==> flow/design.v <==
module alu_arith_stage #(
  parameter BITS = 56
) (
  input  wire i_clk,
  input  wire RSTN,
  input  wire [BITS-1:0] u,
  input  wire [BITS-1:0] v,
  input  wire minus,
  output reg [BITS:0] diff
);
  always @(posedge i_clk) begin
    if (!RSTN) begin
      diff <= 0;
    end else begin
      diff <= minus ? u - v : u + v;
    end
  end
endmodule
Step by step through the tools: alu_arith_stage
The steps from the RTL of alu_arith_stage to its reports follow in flow order.
Line numbers count from 1 in the design file above.
Cell names lack the library's common part.
{"block": "inputs", "top": "alu_arith_stage", "clk_port": "i_clk", "lib": "sky130hd", "lib_corner": "tt_025C_1v80"}

Elaborated design
Counts by Yosys on the flattened word-level netlist (proc, flatten, opt, wreduce; memories kept). Register bits leave out memories and registers merged into their read ports (data or address); mux counts leave out enables and synchronous resets folded into registers. Print and check cells are left out. Cells with the same type and inputs are merged into one.
{"block": "bits", "register_bits": 57, "in_bits": 115, "output_inout_bits": 57, "elab_cells": 4}
{"block": "op_classes", "n_addsub": 2, "n_mux": 1}
{"block": "op_table", "op": "adder 56 x 56 -> 57 bit", "count": 1}
{"block": "op_table", "op": "subtractor 56 x 56 -> 57 bit", "count": 1}
{"block": "op_table", "op": "2-to-1 mux 57 bit", "count": 1}

Longest topological paths
Depth = most cells in a row (Yosys ltp): at word level without a register or memory, in the mapped netlist without a sequential cell, where the memories' decode and read muxes count.
{"block": "logic_depth", "depth_word": 2, "ABC_AREA": 1, "depth_mapped": 24, "ltp_nobuf": 24}

After synthesis
The flow's flattened synthesis, as Yosys stat reports it; memories are mapped. The netlist is that of the ABC_AREA named above (0 if unset); the other value can give another one.
The area totals of this step are shown rounded.
{"block": "mapped", "stdcells": 1667, "yosys_area_um2": 8700, "seqArea_um2": 1100, "flip_flops": 57, "buf_cells": 13}
{"block": "types", "type": "nand2_1", "count": 601, "area_total_um2": 2.26E+03}
{"block": "types", "type": "inv_1", "count": 345, "area_total_um2": 1.29E+03}
{"block": "types", "type": "dfxtp_1", "count": 57, "area_total_um2": 1.14E+03}
{"block": "types", "type": "nor2_1", "count": 214, "area_total_um2": 803.27}
{"block": "types", "type": "ha_1", "count": 57, "area_total_um2": 713.184}
{"block": "types", "type": "a21oi_1", "count": 79, "area_total_um2": 395.379}
{"block": "types", "type": "xor2_1", "count": 45, "area_total_um2": 394.128}
{"block": "types", "type": "nand3_1", "count": 65, "area_total_um2": 325.312}
{"block": "types", "type": "nor2_2", "count": 42, "area_total_um2": 262.752}
{"block": "types", "type": "o21ai_0", "count": 33, "area_total_um2": 165.158}
{"block": "types", "type": "nand2_2", "count": 23, "area_total_um2": 143.888}
{"block": "types", "type": "nand3_2", "count": 12, "area_total_um2": 120.115}
{"block": "types", "type": "nor2_4", "count": 8, "area_total_um2": 90.086}
{"block": "types", "type": "o21ai_1", "count": 12, "area_total_um2": 60.058}
{"block": "types", "type": "xnor2_1", "count": 6, "area_total_um2": 52.55}
{"block": "types", "type": "nor3_1", "count": 9, "area_total_um2": 45.043}
{"block": "types", "type": "nand4_4", "count": 2, "area_total_um2": 42.541}
{"block": "types", "type": "nand4_1", "count": 6, "area_total_um2": 37.536}
Not listed: further types 22, cells in them 51.

Timing after synthesis
OpenSTA on the mapped netlist: ideal clock, no wires. The path of least setup slack (recovery checks aside). Input and output delay are each 20% of the period. Register names are those of the netlist, which keeps one name where synthesis merged equal registers.
{"block": "synth_path", "kind": "input-to-reg", "from": "input port v[1]", "to": "register diff[42]", "clock_period_ns": 6.33, "input_delay_ns": 1.266, "setup_ns": 0.113, "launch_ns": 1.266, "arrival_ns": 3.603, "required_ns": 6.217, "slack_ns": 2.614, "delay_ns": 2.450, "path_stages": 20, "n_path_buf": 0, "period_less_setup_slack_ns": 3.716}
"delay_ns" is the arrival time less input delay plus setup time.
"path_stages" counts driving pins, that of a launching flip-flop among them; a cell with two outputs on the path counts twice.
"period_less_setup_slack_ns" = period - worst setup slack (recovery checks aside). The figure is calculated, with input and output delays left at 20% of the set period.
Between the ends stands the longest chain of elaborated cells between them, by number of cells; it is not shown to be the way that was timed. Of several equally long chains one is given.
Each line given opens the expression or statement behind the cell; cells for indexed reads and writes are added by Yosys, which also makes memories of some case tables.
{"block": "synth_via", "cell_sequence": "inv_1 -> ha_1 -> nand3_4 -> nor2_4 -> nand4_1 -> nor3_2 -> a21oi_1 -> xor2_1 -> ha_1 -> nand2_2 -> nor2_2 -> inv_2 -> nor2_2 -> inv_2 -> nor2_1 -> nand3_1 -> nand3_1 -> nand2_1 -> nand2_1 -> nor2_1", "elab_chain_cells": 2, "cells_between": 3, "lines_between": 1, "cone_classes": "add/sub (2); mux (1)"}
{"block": "synth_rtl", "element": "start, declared", "line_no": 7, "text": "input  wire [BITS-1:0] v,"}
{"block": "synth_rtl", "element": "adder 56 x 56 -> 57 bit", "line_no": 15, "text": "diff <= minus ? u - v : u + v;"}
{"block": "synth_rtl", "element": "2-to-1 mux 57 bit", "line_no": 15}
{"block": "synth_rtl", "element": "end, assigned", "line_no": 13, "text": "diff <= 0;"}
{"block": "synth_rtl", "element": "end, assigned", "line_no": 15}
{"block": "synth_rtl", "element": "end, declared", "line_no": 9, "text": "output reg [BITS:0] diff"}

Path in the finished layout
From the final timing report of flow run A: the path of least setup slack in the routed layout; clock arrival at registers is part of the times.
{"block": "layout_path", "kind": "input-to-reg", "from": "input port minus", "to": "register diff[43]", "clock_period_ns": 6.18, "input_delay_ns": 1.24, "setup_ns": 0.10, "launch_ns": 1.24, "arrival_ns": 4.84, "required_ns": 6.43, "slack_ns": 1.59, "path_stages": 19, "n_path_buf": 3}
Between the ends stands the longest chain of elaborated cells between them, by number of cells; it is not shown to be the way that was timed. Of several equally long chains one is given.
{"block": "layout_via", "cell_sequence": "clkdlybuf4s50_1 -> inv_1 -> buf_2 -> buf_2 -> nand2_1 -> xnor2_1 -> inv_1 -> ha_1 -> nand2_1 -> nor2_2 -> nand3_1 -> nand2_2 -> nand2_1 -> nand2_1 -> nand2_1 -> nand3_2 -> nand2_1 -> nand2_1 -> nor2_1", "elab_chain_cells": 1, "cells_between": 1, "lines_between": 1, "cone_classes": "mux (1)"}
{"block": "layout_rtl", "element": "start, declared", "line_no": 8, "text": "input  wire minus,"}
{"block": "layout_rtl", "element": "2-to-1 mux 57 bit", "line_no": 15, "text": "diff <= minus ? u - v : u + v;"}
{"block": "layout_rtl", "element": "end, assigned", "line_no": 13, "text": "diff <= 0;"}
{"block": "layout_rtl", "element": "end, assigned", "line_no": 15}
{"block": "layout_rtl", "element": "end, declared", "line_no": 9, "text": "output reg [BITS:0] diff"}

Hand-over note for alu_arith_stage

alu_arith_stage through Yosys and OpenROAD on sky130hd: 3 stored runs, unordered, with their settings and measured results. The constraints put input and output delay at 20% of the set period each and load the outputs with 0.01 pF.
By "period_less_ws_ns" is meant the clock period of the run minus its worst setup slack. This is arithmetic on one report: input and output delays are still those of the set period (20% each).
By "design_power_mw" is meant OpenSTA's value without simulated activity: inputs other than the clock are taken to toggle once in ten clock periods, and the tool carries that through the logic.
Values from the reports are rounded here.

{"run": "flow run A", "settings": { "period_ns": 6.18, "CORE_UTILIZATION": 55, "SETUP_SLACK_MARGIN": 1.42, "PLACE_DENSITY_LB_ADDON": 0.03, "CORE_ASPECT_RATIO": 1.28, "CORE_MARGIN": 2, "CELL_PAD_IN_SITES_GLOBAL_PLACEMENT": 0, "ABC_AREA": 1, "GPL_TIMING_DRIVEN": 0, "CAP_MARGIN": 30, "MAX_ROUTING_LAYER": "met4", "SLEW_MARGIN": 20 }, "results": { "yosys_chip_area_um2": 8700, "dieArea_um2": 17000, "post_route_stdcell_area_um2": 11000, "util_frac": 0.7, "timing.setup.ws_ns": 1.6, "fin_tns_ns": 0.000, "design_power_mw": 2.1, "period_less_ws_ns": 4.589 }}
{"run": "flow run B", "settings": { "period_ns": 3.18, "CORE_UTILIZATION": 59, "PLACE_DENSITY_LB_ADDON": 0.2, "CORE_ASPECT_RATIO": 0.55, "CORE_MARGIN": 5, "TNS_END_PERCENT": 15, "ABC_AREA": 0, "SLEW_MARGIN": 35, "CAP_MARGIN": 20 }, "outcome": "no final report: placement broke off with DPL-0033"}
{"run": "flow run C", "settings": { "period_ns": 6.33, "CAP_MARGIN": 20, "CORE_MARGIN": 2, "CORE_UTILIZATION": 40, "SLEW_MARGIN": 20 }, "results": { "yosys_chip_area_um2": 6200, "dieArea_um2": 17000, "post_route_stdcell_area_um2": 8500, "util_frac": 0.56, "timing.setup.ws_ns": 0.50, "fin_tns_ns": 0.000, "design_power_mw": 1.9, "period_less_ws_ns": 5.829 }}

End of note.
